==> flow/design.v <==
module my_summer_stage #(
   parameter DW = 36
) (
   input  wire clk_i,
   input  wire [DW-1:0] lhs_i,
   input  wire [DW-1:0] rhs_i,
   output reg [DW:0] out_o
);
   reg [DW-1:0] lhs_r;
   reg [DW-1:0] rhs_r;
   always @(posedge clk_i) begin
      lhs_r <= lhs_i;
      rhs_r <= rhs_i;
      out_o <= lhs_r + rhs_r;
   end
endmodule
Appendix: tool output

Reports on my_summer_stage. Tool output for the members of one design family, told apart by "DW", in the order of the flow. The file above is the member DW 36. Line numbers count from 1 in each member's own file. A cell with n/a has no value.

Top: my_summer_stage. Clock input: clk_i. Cell library: sky130hd. Corner: tt_025C_1v80.

Source of the members. Lines of each other member's file that are new or changed against the file above; lines that a member lacks are not shown.

Lines new or changed: DW 40 (RTL line 2) `parameter DW = 40`; DW 128 (RTL line 2) `parameter DW = 128`.

After elaboration. Source: Yosys, flattened and elaborated, memories not mapped. Widths are those after wreduce; folded enables and synchronous resets count as part of the registers. Registers that Yosys merges into a memory's read port (data or address) are not register bits. Print and check cells do not count. Equal cells are merged and count once.

Word-level totals: DW 36 (flip-flop bits (word level) 109, input port bits 73, output and inout port bits 37, cells after elaboration 4); DW 40 (flip-flop bits (word level) 121, input port bits 81, output and inout port bits 41, cells after elaboration 4); DW 128 (flip-flop bits (word level) 385, input port bits 257, output and inout port bits 129, cells after elaboration 4).

Cells by class (add/sub/neg operators): DW 36 (1); DW 40 (1); DW 128 (1).

Operators by type and width (kinds with counts): DW 36 (1 x adder 36 x 36 -> 37 bit); DW 40 (1 x adder 40 x 40 -> 41 bit); DW 128 (1 x adder 128 x 128 -> 129 bit).

Depth. Yosys ltp: most cells in a row. Word level: on the elaborated netlist, between registers, memories and ports. Mapped: between sequential cells and ports; inverters and the memories' decode and read muxes count.

Logic depth: DW 36 (depth after elaboration 1, ABC_AREA 0, depth in mapped cells 9, depth with buffers taken out 9); DW 40 (depth after elaboration 1, ABC_AREA 0, depth in mapped cells 11, depth with buffers taken out 11); DW 128 (depth after elaboration 1, ABC_AREA 0, depth in mapped cells 15, depth with buffers taken out 15).

Netlist. Source: synth_stat.txt of the flow (Yosys; design flattened, memories mapped). It holds for the ABC_AREA given above (unset counts as 0); a run with the other value may have another netlist. Totals and module areas in this step are rounded.

Cell types (types with counts): DW 36 (109 x sky130_fd_sc_hd__dfxtp_1; 36 x sky130_fd_sc_hd__ha_1; 21 x sky130_fd_sc_hd__xnor2_1; 35 x sky130_fd_sc_hd__a21oi_1; 17 x sky130_fd_sc_hd__a21o_1; 11 x sky130_fd_sc_hd__xor2_1; 25 x sky130_fd_sc_hd__nand2_1; 15 x sky130_fd_sc_hd__o21ai_0; 12 x sky130_fd_sc_hd__nand3_1; 10 x sky130_fd_sc_hd__o21ai_1; 6 x sky130_fd_sc_hd__o211ai_1; 7 x sky130_fd_sc_hd__and3_1; 6 x sky130_fd_sc_hd__nand4_1; 9 x sky130_fd_sc_hd__clkbuf_1; 9 x sky130_fd_sc_hd__nor2_1; 2 x sky130_fd_sc_hd__a21oi_4; 6 x sky130_fd_sc_hd__nor3_1; 3 x sky130_fd_sc_hd__o211a_1; (+57)); DW 40 (121 x sky130_fd_sc_hd__dfxtp_1; 40 x sky130_fd_sc_hd__ha_1; 47 x sky130_fd_sc_hd__a21oi_1; 20 x sky130_fd_sc_hd__xnor2_1; 17 x sky130_fd_sc_hd__xor2_1; 18 x sky130_fd_sc_hd__a21o_1; 24 x sky130_fd_sc_hd__o21ai_0; 24 x sky130_fd_sc_hd__nand2_1; 12 x sky130_fd_sc_hd__nand4_1; 11 x sky130_fd_sc_hd__nand3_1; 13 x sky130_fd_sc_hd__nor2_1; 6 x sky130_fd_sc_hd__o21a_1; 5 x sky130_fd_sc_hd__a211oi_1; 5 x sky130_fd_sc_hd__o21bai_1; 4 x sky130_fd_sc_hd__buf_4; 7 x sky130_fd_sc_hd__clkbuf_1; 4 x sky130_fd_sc_hd__a31oi_1; 3 x sky130_fd_sc_hd__o31ai_1; (+39)); DW 128 (385 x sky130_fd_sc_hd__dfxtp_1; 128 x sky130_fd_sc_hd__ha_1; 189 x sky130_fd_sc_hd__a21oi_1; 78 x sky130_fd_sc_hd__xnor2_1; 71 x sky130_fd_sc_hd__a21o_1; 127 x sky130_fd_sc_hd__nand2_1; 90 x sky130_fd_sc_hd__o21ai_0; 48 x sky130_fd_sc_hd__xor2_1; 59 x sky130_fd_sc_hd__nand4_1; 84 x sky130_fd_sc_hd__nor2_1; 42 x sky130_fd_sc_hd__o21bai_1; 33 x sky130_fd_sc_hd__nor3_1; 40 x sky130_fd_sc_hd__inv_1; 33 x sky130_fd_sc_hd__clkbuf_1; 16 x sky130_fd_sc_hd__o21a_1; 22 x sky130_fd_sc_hd__buf_2; 12 x sky130_fd_sc_hd__a21boi_0; 13 x sky130_fd_sc_hd__a31oi_1; (+155)).

The mark (+n) counts cells that are not listed.

Mapped netlist: DW 36 (mapped cells 396, chip area (Yosys) 4230 um^2, sequential area 2180 um^2, flip-flop cells 109, buffer cells 11); DW 40 (mapped cells 420, chip area (Yosys) 4530 um^2, sequential area 2420 um^2, flip-flop cells 121, buffer cells 13); DW 128 (mapped cells 1625, chip area (Yosys) 15900 um^2, sequential area 7710 um^2, flip-flop cells 385, buffer cells 59).

Timing after synthesis. Source: OpenSTA report_checks on the synthesized netlist (no wires, ideal clock, input and output delay 20% of the period each), path of least setup slack; recovery checks are left aside. Register names are those of the netlist, which keeps one name where synthesis merged equal registers.

Timing after synthesis: DW 36 (kind reg2reg, start point register lhs_r[0], end point register out_o[32], period 2.93 ns, setup slack 0.583 ns, stages on the path 10, delay of the path 2.348 ns, period reached after synthesis 2.347 ns); DW 40 (kind reg2reg, start point register lhs_r[0], end point register out_o[30], period 3.36 ns, setup slack 0.669 ns, stages on the path 12, delay of the path 2.691 ns, period reached after synthesis 2.691 ns); DW 128 (kind reg2reg, start point register lhs_r[0], end point register out_o[82], period 4.01 ns, setup slack 0.802 ns, stages on the path 16, delay of the path 3.208 ns, period reached after synthesis 3.208 ns).

"delay of the path" = arrival - input delay + setup time. "stages on the path": output pins that drive a net of the path, with the launching flip-flop's if there is one; two outputs of one cell count as two. "period reached after synthesis" is the clock period less the worst setup slack; recovery checks do not enter. This is arithmetic on one report: input and output delays are still those of the set period (20% each). Between the ends stands the longest chain of elaborated cells between them, by number of cells; it is not shown to be the way that was timed. Of several equally long chains one is given. Each line given opens the expression or statement behind the cell; cells for indexed reads and writes are added by Yosys, which also makes memories of some case tables.

On the way, after synthesis, DW 36:
For length of the longest elaborated chain the number is 1.

RTL lines, path after synthesis, DW 36: start: declaration (RTL line 9) `reg [DW-1:0] lhs_r;`; start: assignment (RTL line 12) `lhs_r <= lhs_i;`; adder 36 x 36 -> 37 bit (RTL line 14) `out_o <= lhs_r + rhs_r;`; end: assignment (RTL line 14); end: declaration (RTL line 7) `output reg [DW:0] out_o`.

On the way, after synthesis, DW 128:
For length of the longest elaborated chain the number is 1.

RTL lines, path after synthesis, DW 128: start: declaration (RTL line 9) `reg [DW-1:0] lhs_r;`; start: assignment (RTL line 12) `lhs_r <= lhs_i;`; adder 128 x 128 -> 129 bit (RTL line 14) `out_o <= lhs_r + rhs_r;`; end: assignment (RTL line 14); end: declaration (RTL line 7) `output reg [DW:0] out_o`.

Timing after layout. From the final timing report of each member's run: the path of least setup slack in the routed layout; clock arrival at registers is part of the times.

Timing post-layout: DW 36 (kind reg2reg, start point register lhs_r[0], end point register out_o[32], period 2.93 ns, setup slack 0.27 ns, stages on the path 10, arrival time 2.90 ns, path buffers 0); DW 40 (kind reg2reg, start point register lhs_r[0], end point register out_o[30], period 3.36 ns, setup slack 0.39 ns, stages on the path 12, arrival time 3.31 ns, path buffers 0); DW 128 (kind reg2reg, start point register rhs_r[12], end point register out_o[98], period 4.01 ns, setup slack 0.19 ns, stages on the path 12, arrival time 4.29 ns, path buffers 0).

Measured runs. Settings and results of one run of the flow (Yosys, OpenROAD) for each member follow. The constraints put input and output delay at 20% of the set period each and load the outputs with 0.01 pF.

The figure for CAP_MARGIN is 20. The figure for CORE_MARGIN is 2. The figure for CORE_UTILIZATION is 40. The entry for SLEW_MARGIN reads 20.

Settings that differ (period_ns): DW 36 (2.93); DW 40 (3.36); DW 128 (4.01).

Results: DW 36 (netlist area reported by Yosys 4230 um^2, die outline area 11400 um^2, standard-cell area of the final layout 5650 um^2, post-route utilization 54.7%, worst setup slack after layout 0.275 ns, setup TNS 0.000 ns, final worst hold slack 0.472 ns, total power of the final layout 3460 µW, clock period reached 2.655 ns); DW 40 (netlist area reported by Yosys 4530 um^2, die outline area 12200 um^2, standard-cell area of the final layout 6500 um^2, post-route utilization 59.4%, worst setup slack after layout 0.391 ns, setup TNS 0.000 ns, final worst hold slack 0.456 ns, total power of the final layout 4420 µW, clock period reached 2.969 ns); DW 128 (netlist area reported by Yosys 15900 um^2, die outline area 41500 um^2, standard-cell area of the final layout 21900 um^2, post-route utilization 55.4%, worst setup slack after layout 0.188 ns, setup TNS 0.000 ns, final worst hold slack 0.452 ns, total power of the final layout 11100 µW, clock period reached 3.822 ns).

"clock period reached" = clock period - worst setup slack. The figure is calculated, with input and output delays left at 20% of the set period. By "total power of the final layout" is meant OpenSTA's value without simulated activity: inputs other than the clock are taken to toggle once in ten clock periods, and the tool carries that through the logic. Measured values are rounded.
